==> flow/design.v <==
module core_add_unit_v2 #(
   parameter WD = 40
) (
   input  wire core_clk,
   input  wire [WD-1:0] in0_in,
   input  wire [WD-1:0] in1_in,
   output wire [WD-1:0] o_out
);
   reg [WD-1:0] r_in0;
   reg [WD-1:0] r_in1;
   always @(posedge core_clk) begin
      r_in0 <= in0_in;
      r_in1 <= in1_in;
   end
   wire [WD:0] t = r_in0 + r_in1;
   assign o_out = t[WD] ? {WD{1'b1}} : t[WD-1:0];
endmodule
Reports on core_add_unit_v2
Tool output for the design above, in the order of the flow.
Line numbers count from 1 in the design file above.
{"block": "design", "top": "core_add_unit_v2", "clk_port": "core_clk", "lib": "sky130hd", "lib_corner": "tt_025C_1v80"}

Word-level counts
Yosys after proc, flatten, opt, wreduce and memory -nomap, before mapping. Enables and synchronous resets that opt folds into registers are not counted as muxes. Memory bits, and registers merged into a memory's read port (data or address), are not among the register bits. Print and check cells are not counted. Equal cells are merged and count once.
{"block": "word_totals", "elab_cells": 4, "inputBits": 81, "regBits": 80, "out_inout_bits": 40}
{"block": "op_classes", "mux": 1, "addsub": 1}
{"block": "ops", "op": "adder 40 x 40 -> 41 bit", "n": 1}
{"block": "ops", "op": "two-way mux 40 bit", "n": 1}

Logic depth
Longest topological path by Yosys (ltp), each cell counted once; first at word level (registers and memories cut), then after technology mapping (sequential cells cut; the memories' decode and read muxes count).
{"block": "logic_depth", "word_depth": 2, "abc_area": 0, "mapped_depth": 10, "mapped_depth_nobuf": 9}

Synthesis result
Source: synth_stat.txt of the flow (Yosys; design flattened, memories mapped). It holds for the ABC_AREA given above (unset counts as 0); a run with the other value may have another netlist.
{"block": "by_type", "type": "sky130_fd_sc_hd__dfxtp_1", "n": 80, "area_total_um2": 1.6E+03}
{"block": "by_type", "type": "sky130_fd_sc_hd__ha_1", "n": 40, "area_total_um2": 500.48}
{"block": "by_type", "type": "sky130_fd_sc_hd__a21oi_1", "n": 48, "area_total_um2": 240.23}
{"block": "by_type", "type": "sky130_fd_sc_hd__nand2_1", "n": 60, "area_total_um2": 225.216}
{"block": "by_type", "type": "sky130_fd_sc_hd__xor2_1", "n": 15, "area_total_um2": 131.376}
{"block": "by_type", "type": "sky130_fd_sc_hd__a21o_1", "n": 15, "area_total_um2": 112.608}
{"block": "by_type", "type": "sky130_fd_sc_hd__o21ai_0", "n": 21, "area_total_um2": 105.101}
{"block": "by_type", "type": "sky130_fd_sc_hd__nor2_1", "n": 23, "area_total_um2": 86.333}
{"block": "by_type", "type": "sky130_fd_sc_hd__xnor2_1", "n": 9, "area_total_um2": 78.826}
{"block": "by_type", "type": "sky130_fd_sc_hd__o21a_1", "n": 10, "area_total_um2": 75.072}
{"block": "by_type", "type": "sky130_fd_sc_hd__o211ai_1", "n": 7, "area_total_um2": 52.55}
{"block": "by_type", "type": "sky130_fd_sc_hd__o21bai_1", "n": 7, "area_total_um2": 52.55}
{"block": "by_type", "type": "sky130_fd_sc_hd__a211oi_1", "n": 6, "area_total_um2": 45.043}
{"block": "by_type", "type": "sky130_fd_sc_hd__a21boi_0", "n": 6, "area_total_um2": 45.043}
{"block": "by_type", "type": "sky130_fd_sc_hd__a31oi_1", "n": 6, "area_total_um2": 37.536}
{"block": "by_type", "type": "sky130_fd_sc_hd__and2_1", "n": 6, "area_total_um2": 37.536}
{"block": "by_type", "type": "sky130_fd_sc_hd__and3_1", "n": 6, "area_total_um2": 37.536}
{"block": "by_type", "type": "sky130_fd_sc_hd__nand4_1", "n": 6, "area_total_um2": 37.536}
Other cell types: 40; their cells: 81.
{"block": "synth_totals", "cell_count": 452, "n_buf": 10, "yosys_area_um2": 4151.5, "ff_cells": 80, "seq_area_um2": 1601.5}

Timing after synthesis
Source: OpenSTA report_checks on the synthesized netlist (no wires, ideal clock, input and output delay 20% of the period each), path of least setup slack; recovery checks are left aside. Register names are those of the netlist, which keeps one name where synthesis merged equal registers.
{"block": "synth_path", "path_kind": "flip-flop to output port", "from": "register r_in0[0]", "to": "output port o_out[35]", "tclk_ps": 3660, "arrival_time_ps": 2343, "required_ps": 2928, "path_buffers": 0, "delay_ps": 2343, "launch_ps": 0, "path_stages": 10, "path_slack_ps": 585, "output_delay_ps": 732, "synth_period_reached_ps": 3075}
"delay_ps" is the arrival time less input delay plus setup time.
At an output port there is no setup time.
"path_stages" counts driving pins, that of a launching flip-flop among them; a cell with two outputs on the path counts twice.
"synth_period_reached_ps" = period - worst setup slack (recovery checks aside). The figure is calculated, with input and output delays left at 20% of the set period.
The rows between start and end are the longest chain of elaborated cells between them; the timing report does not say that the signal goes this way. Where chains are equally long, one stands for them.
A line is the first line of the expression or statement that the cell stems from. Yosys adds cells for indexed reads and writes and turns some case tables into memories.
{"block": "synth_between", "path_cell_list": "sky130_fd_sc_hd__dfxtp_1 > sky130_fd_sc_hd__ha_1 > sky130_fd_sc_hd__fa_1 > sky130_fd_sc_hd__a211oi_1 > sky130_fd_sc_hd__o211ai_1 > sky130_fd_sc_hd__nand4_1 > sky130_fd_sc_hd__a21bo_2 > sky130_fd_sc_hd__o211ai_4 > sky130_fd_sc_hd__and2_2 > sky130_fd_sc_hd__a311o_1", "elab_chain_len": 2, "cells_between": 2, "lines_between": 2, "classes_between": "add/sub (1); mux (1)"}
{"block": "synth_rtl", "element": "start: declaration", "line_no": 9, "rtl": "reg [WD-1:0] r_in0;"}
{"block": "synth_rtl", "element": "start: assignment", "line_no": 12, "rtl": "r_in0 <= in0_in;"}
{"block": "synth_rtl", "element": "adder 40 x 40 -> 41 bit", "line_no": 15, "rtl": "wire [WD:0] t = r_in0 + r_in1;"}
{"block": "synth_rtl", "element": "two-way mux 40 bit", "line_no": 16, "rtl": "assign o_out = t[WD] ? {WD{1'b1}} : t[WD-1:0];"}
{"block": "synth_rtl", "element": "end: declaration", "line_no": 7, "rtl": "output wire [WD-1:0] o_out"}

Timing after layout
From the final timing report of run 1: the path of least setup slack in the routed layout; clock arrival at registers is part of the times.
The path's times are printed in steps of 10 ps; the period is the one set.
{"block": "layout_path", "path_kind": "flip-flop to output port", "from": "register r_in0[0]", "to": "output port o_out[1]", "arrival_time_ps": 3770, "required_ps": 4420, "path_slack_ps": 650, "launch_ps": 380, "tclk_ps": 5520, "path_buffers": 1, "path_stages": 11, "output_delay_ps": 1100}
The rows between start and end are the longest chain of elaborated cells between them; the timing report does not say that the signal goes this way. Where chains are equally long, one stands for them.
{"block": "layout_between", "path_cell_list": "sky130_fd_sc_hd__dfxtp_1 > sky130_fd_sc_hd__ha_1 > sky130_fd_sc_hd__fa_1 > sky130_fd_sc_hd__a211oi_1 > sky130_fd_sc_hd__o211ai_1 > sky130_fd_sc_hd__nand4_1 > sky130_fd_sc_hd__a21bo_2 > sky130_fd_sc_hd__o211ai_4 > sky130_fd_sc_hd__nand2_4 > sky130_fd_sc_hd__or2b_1 > sky130_fd_sc_hd__clkdlybuf4s50_1", "elab_chain_len": 2, "cells_between": 2, "lines_between": 2, "classes_between": "add/sub (1); mux (1)"}
{"block": "layout_rtl", "element": "start: declaration", "line_no": 9, "rtl": "reg [WD-1:0] r_in0;"}
{"block": "layout_rtl", "element": "start: assignment", "line_no": 12, "rtl": "r_in0 <= in0_in;"}
{"block": "layout_rtl", "element": "adder 40 x 40 -> 41 bit", "line_no": 15, "rtl": "wire [WD:0] t = r_in0 + r_in1;"}
{"block": "layout_rtl", "element": "two-way mux 40 bit", "line_no": 16, "rtl": "assign o_out = t[WD] ? {WD{1'b1}} : t[WD-1:0];"}
{"block": "layout_rtl", "element": "end: declaration", "line_no": 7, "rtl": "output wire [WD-1:0] o_out"}

--- measured runs ---
Top module core_add_unit_v2; platform sky130hd; tools Yosys and OpenROAD; 3 stored runs in no particular order. Input and output delays are each 20% of the period that was set; the output load is 0.01 pF.
"clock_period_reached_ps" means the clock period less the worst setup slack. The figure is calculated, with input and output delays left at 20% of the set period.
"worstPathTime_ps" = time allowed to the worst setup path (clock period - input delay - output delay, where it has them) - its slack; a late launch clock adds to it, a late capture clock takes from it.
"worstPathTime_ps" is known to 10 ps.

{"run": "run 1", "settings": { "period_ns": 5.52, "CORE_UTILIZATION": 38, "PLACE_DENSITY_LB_ADDON": 0.26, "CORE_MARGIN": 9, "CELL_PAD_IN_SITES_DETAIL_PLACEMENT": 1, "CTS_CLUSTER_SIZE": 94, "CAP_MARGIN": 35, "MIN_ROUTING_LAYER": "met2", "MAX_ROUTING_LAYER": "met4", "SLEW_MARGIN": 20 }, "results": { "total_negative_slack_ps": 0, "fin_ws_ps": 649, "final_hold_ws_ps": 1151, "post_route_util_pct": 53.5, "synth_chip_area_um2": 4151.5, "worstPathTime_ps": 3770, "worstPathKind": "flip-flop to output port", "clock_period_reached_ps": 4871, "dieArea_um2": 15011.2 }}
{"run": "run 2", "settings": { "period_ns": 2.25, "CORE_UTILIZATION": 17, "PLACE_DENSITY_LB_ADDON": 0.14, "CORE_ASPECT_RATIO": 0.6, "CORE_MARGIN": 2, "TNS_END_PERCENT": 55, "GPL_ROUTABILITY_DRIVEN": 1, "CAP_MARGIN": 15, "MAX_ROUTING_LAYER": "met4", "SLEW_MARGIN": 20 }, "results": { "total_negative_slack_ps": -36323, "post_route_util_pct": 33.3, "synth_chip_area_um2": 4151.5, "clock_period_reached_ps": 3359, "fin_ws_ps": -1109, "worstPathTime_ps": 2910, "worstPathKind": "flip-flop to output port", "final_hold_ws_ps": 533, "dieArea_um2": 25727.4 }}
{"run": "run 3", "settings": { "period_ns": 3.66, "CAP_MARGIN": 20, "CORE_MARGIN": 2, "CORE_UTILIZATION": 40, "SLEW_MARGIN": 20 }, "results": { "final_hold_ws_ps": 786, "fin_ws_ps": 55, "total_negative_slack_ps": 0, "dieArea_um2": 11209.5, "worstPathTime_ps": 2870, "worstPathKind": "flip-flop to output port", "post_route_util_pct": 58.8, "clock_period_reached_ps": 3605, "synth_chip_area_um2": 4151.5 }}
--- end ---
